==> flow/design.v <==
module alu_mux_mod #(
  parameter XLEN = 2,
  parameter N = 48,
  parameter LG = $clog2(N)
) (
  input wire i_clk,
  input wire aresetn,
  input wire adv,
  input wire [N*XLEN-1:0] din,
  input wire [LG-1:0] sel,
  output reg [XLEN-1:0] result
);
  reg [N*XLEN-1:0] din_r;
  reg [LG-1:0] sel_r;
  wire [XLEN-1:0] opt [0:N-1];
  genvar gi;
  generate
    for (gi = 0; gi < N; gi = gi + 1) begin : gen
      assign opt[gi] = din_r[gi*XLEN +: XLEN];
    end
  endgenerate
  always @(posedge i_clk or negedge aresetn) begin
    if (!aresetn) begin
      din_r <= 0;
      sel_r <= 0;
      result <= 0;
    end else if (adv) begin
      din_r <= din;
      sel_r <= sel;
      result <= opt[sel_r];
    end
  end
endmodule
Step by step through the tools: alu_mux_mod. The steps from the RTL of alu_mux_mod to its reports follow in flow order. Lines are those of the file above, counted from 1. Cell names lack the library's common part. Not given: -

Top: alu_mux_mod. Clock port: i_clk. Library: sky130hd. Timing corner: tt_025C_1v80.

Elaborated design. Yosys after proc, flatten, opt, wreduce and memory -nomap, before mapping. Print and check cells are not counted. Equal cells are merged and count once.

For flip-flop bits (word level) the number is 104. Latch bits: 0. Under memory bits (writable) stands 0. The entry for ROM bits reads 0. The entry for clocked read ports x word width reads 0. The figure for memory cells is 0. Input port bits: 105. The entry for cells after elaboration reads 52.

For add/subtract/negate cells the number is 0. For multiply operators the number is 0. Div/mod/pow operators: 0. The entry for order comparisons reads 0. The figure for eq/ne operators is 47. The figure for shift operators is 0. For muxes and demuxes the number is 1. The entry for bitwise operators reads 0. Under reduce/logical cells stands 1.

Operator list (count): 6-bit by 5-bit == test with 1-bit output with constant B (16); 6-bit == test with constant B (16); 2-bit parallel mux with 48-bit select (1); 6-bit by 4-bit == test with 1-bit output with constant B (8); 6-bit by 3-bit == test with 1-bit output with constant B (4); 6-bit by 2-bit == test with 1-bit output with constant B (2); 6-bit by 1-bit == test with 1-bit output with constant B (1); 6-bit logical NOT (1).

Longest topological paths. Longest topological path by Yosys (ltp), each cell counted once; first at word level (registers and memories cut), then after technology mapping (sequential cells cut; the memories' decode and read muxes count).

The figure for depth after elaboration is 2. ABC_AREA: 0. Mapped depth: 10. The entry for gate-level depth less buffers reads 6.

Netlist. Source: synth_stat.txt of the flow (Yosys; design flattened, memories mapped). It holds for the ABC_AREA given above (unset counts as 0); a run with the other value may have another netlist.

The entry for cells in the netlist reads 409. The entry for cell area after synthesis reads 5042.3 um^2. The entry for flip-flop cells reads 104. The entry for buffer cells reads 33.

Cells by type: dfrtp_1 (count 104, total area 2.6E+03 um^2); mux2_2 (count 104, total area 1.17E+03 um^2); o21ai_0 (count 15, total area 75.072 um^2); nand2_1 (count 19, total area 71.318 um^2); a22oi_1 (count 9, total area 67.565 um^2); buf_2 (count 13, total area 65.062 um^2); mux2i_1 (count 6, total area 60.058 um^2); buf_6 (count 5, total area 56.304 um^2); a22o_1 (count 6, total area 52.55 um^2); clkbuf_1 (count 14, total area 52.55 um^2); nor2_1 (count 13, total area 48.797 um^2); nand3_1 (count 9, total area 45.043 um^2); nand3b_1 (count 6, total area 45.043 um^2); a31oi_1 (count 7, total area 43.792 um^2); nor2b_1 (count 7, total area 43.792 um^2); a21oi_1 (count 8, total area 40.038 um^2); nand2b_1 (count 6, total area 37.536 um^2); nand4_1 (count 5, total area 31.28 um^2).

Not listed: further types 30, cells in them 53.

Path before layout. Path of least setup slack by OpenSTA after synthesis, without wires, with an ideal clock, recovery checks aside; 20% of the period is set as input and as output delay. Where synthesis merged equal registers, the netlist keeps one of their names.

Path type: flip-flop to flip-flop. From: reg sel_r[4]. To: reg result[1]. For clock period the number is 2.2 ns. For arrival the number is 1.626 ns. The figure for required time is 2.067 ns. Slack: 0.441 ns. The figure for path delay is 1.759 ns. The figure for stages is 9. The entry for path buffers reads 2. The figure for synthesis period reached is 1.759 ns.

"path delay" is the arrival time less input delay plus setup time. "stages" counts driving pins, that of a launching flip-flop among them; a cell with two outputs on the path counts twice. "synthesis period reached" = period - worst setup slack (recovery checks aside). The figure is calculated, with input and output delays left at 20% of the set period. Between the ends stands the longest chain of elaborated cells between them, by number of cells; it is not shown to be the way that was timed. Of several equally long chains one is given. Each line given opens the expression or statement behind the cell; cells for indexed reads and writes are added by Yosys, which also makes memories of some case tables.

Cell sequence: dfrtp_1 -> buf_6 -> nor2b_4 -> buf_6 -> a221oi_2 -> a2111oi_2 -> a2111oi_2 -> nor4b_2 -> a31oi_1. Under cells in the longest elaborated chain stands 2. For elaborated cells between the ends (all ways) the number is 49. RTL lines with such cells: 1.

Ends and longest elaborated chain, post-synthesis: start: declaration (RTL line 14) `reg [LG-1:0] sel_r;`; start: assignment (RTL line 25) `sel_r <= 0;`; start: assignment (RTL line 29) `sel_r <= sel;`; 6-bit == test (RTL line 30) `result <= opt[sel_r];`; 2-bit parallel mux with 48-bit select (RTL line 30); end: assignment (RTL line 26) `result <= 0;`; end: assignment (RTL line 30); end: declaration (RTL line 11) `output reg [XLEN-1:0] result`.

Worst path after layout. Path of least setup slack in the final report of stored run 1 (OpenROAD, finished layout, wires in). Where an end is a register, its clock arrival counts in the times.

Path type: flip-flop to flip-flop. From: reg sel_r[0]. To: reg result[1]. For clock period the number is 1.63 ns. For arrival the number is 2.20 ns. The figure for required time is 1.85 ns. Slack: -0.34 ns. The figure for stages is 7. The entry for path buffers reads 1.

Between the ends stands the longest chain of elaborated cells between them, by number of cells; it is not shown to be the way that was timed. Of several equally long chains one is given.

Cell sequence: dfrtp_2 -> buf_4 -> mux2i_1 -> nor3_1 -> a2111oi_2 -> nor4b_2 -> a31oi_1. Under cells in the longest elaborated chain stands 2. For elaborated cells between the ends (all ways) the number is 49. RTL lines with such cells: 1.

Ends and longest elaborated chain, after layout: start: declaration (RTL line 14) `reg [LG-1:0] sel_r;`; start: assignment (RTL line 25) `sel_r <= 0;`; start: assignment (RTL line 29) `sel_r <= sel;`; 6-bit == test (RTL line 30) `result <= opt[sel_r];`; 2-bit parallel mux with 48-bit select (RTL line 30); end: assignment (RTL line 26) `result <= 0;`; end: assignment (RTL line 30); end: declaration (RTL line 11) `output reg [XLEN-1:0] result`.

alu_mux_mod through Yosys and OpenROAD on sky130hd: 3 stored runs, unordered, with their settings and measured results. The constraints put input and output delay at 20% of the set period each and load the outputs with 0.01 pF. By "achieved clock period" is meant the clock period of the run minus its worst setup slack. This is arithmetic on one report: input and output delays are still those of the set period (20% each). "time of the worst setup path" = time allowed to the worst setup path (clock period - input delay - output delay, where it has them) - its slack; a late launch clock adds to it, a late capture clock takes from it.

Files of stored run 1:
==> flow/run.sh <==
#!/bin/bash
# the make line also repeats the synthesis and layout settings of config.mk as NAME=value (left out here)
make -C /OpenROAD-flow-scripts/flow DESIGN_CONFIG=/design/flow/config.mk WORK_HOME=/design/flow/orfs CLKGATE_MAP_FILE= finish
==> flow/config.mk <==
export PLATFORM = sky130hd
export DESIGN_NAME = alu_mux_mod
export DESIGN_NICKNAME = alu_mux_mod
export VERILOG_FILES = /design/flow/design.v
export SDC_FILE = /design/flow/constraint.sdc
export NUM_CORES = 4
export LEC_CHECK = 0
export ABC_AREA = 0
export CAP_MARGIN = 25
export CORE_ASPECT_RATIO = 1.58
export CORE_MARGIN = 5
export CORE_UTILIZATION = 60
export CTS_CLUSTER_SIZE = 69
export MAX_ROUTING_LAYER = met4
export MIN_ROUTING_LAYER = met1
export PLACE_DENSITY_LB_ADDON = 0.02
export SETUP_SLACK_MARGIN = 0.09
export SLEW_MARGIN = 10
export TNS_END_PERCENT = 15
==> flow/constraint.sdc <==
create_clock -name core_clock -period 1.63 [get_ports {i_clk}]
set_input_delay 0.3260 -clock core_clock [delete_from_list [all_inputs] [get_ports {i_clk}]]
set_output_delay 0.3260 -clock core_clock [all_outputs]
set_load 0.01 [all_outputs]

Results of stored run 1. The standard-cell area after layout is 7126.8 um^2. The setup TNS reads -0.641 ns. The die size stands at 10385.3 um^2. The achieved clock period reads 1.974 ns. For the synthesis area the run shows 5042.3 um^2. The time of the worst setup path comes to 1.97 ns. Critical path kind: flip-flop to flip-flop. For the post-layout utilization the run shows 85.8%. The setup slack of the worst path reads -0.344 ns.

Files of stored run 2:
==> flow/run.sh <==
#!/bin/bash
# the make line also repeats the synthesis and layout settings of config.mk as NAME=value (left out here)
make -C /OpenROAD-flow-scripts/flow DESIGN_CONFIG=/design/flow/config.mk WORK_HOME=/design/flow/orfs CLKGATE_MAP_FILE= finish
==> flow/config.mk <==
export PLATFORM = sky130hd
export DESIGN_NAME = alu_mux_mod
export DESIGN_NICKNAME = alu_mux_mod
export VERILOG_FILES = /design/flow/design.v
export SDC_FILE = /design/flow/constraint.sdc
export NUM_CORES = 4
export LEC_CHECK = 0
export CAP_MARGIN = 20
export CORE_MARGIN = 2
export CORE_UTILIZATION = 15
export CTS_CLUSTER_DIAMETER = 70
export GPL_TIMING_DRIVEN = 0
export MAX_ROUTING_LAYER = met5
export PLACE_DENSITY_LB_ADDON = 0.22
export SLEW_MARGIN = 5
==> flow/constraint.sdc <==
create_clock -name core_clock -period 2.3 [get_ports {i_clk}]
set_input_delay 0.4600 -clock core_clock [delete_from_list [all_inputs] [get_ports {i_clk}]]
set_output_delay 0.4600 -clock core_clock [all_outputs]
set_load 0.01 [all_outputs]

Results of stored run 2. For the synthesis area the run shows 5042.3 um^2. The die size stands at 35098.1 um^2. For the post-layout utilization the run shows 21.0%. The time of the worst setup path comes to 2.26 ns. Critical path kind: flip-flop to flip-flop. The standard-cell area after layout is 7005.5 um^2. The setup TNS reads 0.000 ns. The setup slack of the worst path reads 0.040 ns. The achieved clock period reads 2.260 ns.

Files of stored run 3:
==> flow/run.sh <==
#!/bin/bash
# the make line also repeats the synthesis and layout settings of config.mk as NAME=value (left out here)
make -C /OpenROAD-flow-scripts/flow DESIGN_CONFIG=/design/flow/config.mk WORK_HOME=/design/flow/orfs CLKGATE_MAP_FILE= finish
==> flow/config.mk <==
export PLATFORM = sky130hd
export DESIGN_NAME = alu_mux_mod
export DESIGN_NICKNAME = alu_mux_mod
export VERILOG_FILES = /design/flow/design.v
export SDC_FILE = /design/flow/constraint.sdc
export NUM_CORES = 4
export LEC_CHECK = 0
export CAP_MARGIN = 20
export CORE_MARGIN = 2
export CORE_UTILIZATION = 40
export SLEW_MARGIN = 20
==> flow/constraint.sdc <==
create_clock -name core_clock -period 2.2 [get_ports {i_clk}]
set_input_delay 0.4400 -clock core_clock [delete_from_list [all_inputs] [get_ports {i_clk}]]
set_output_delay 0.4400 -clock core_clock [all_outputs]
set_load 0.01 [all_outputs]

Results of stored run 3. The die size stands at 13519.9 um^2. The setup slack of the worst path reads 0.210 ns. The setup TNS reads 0.000 ns. For the post-layout utilization the run shows 53.6%. The standard-cell area after layout is 6680.2 um^2. For the synthesis area the run shows 5042.3 um^2. The time of the worst setup path comes to 1.99 ns. Critical path kind: flip-flop to flip-flop. The achieved clock period reads 1.990 ns.
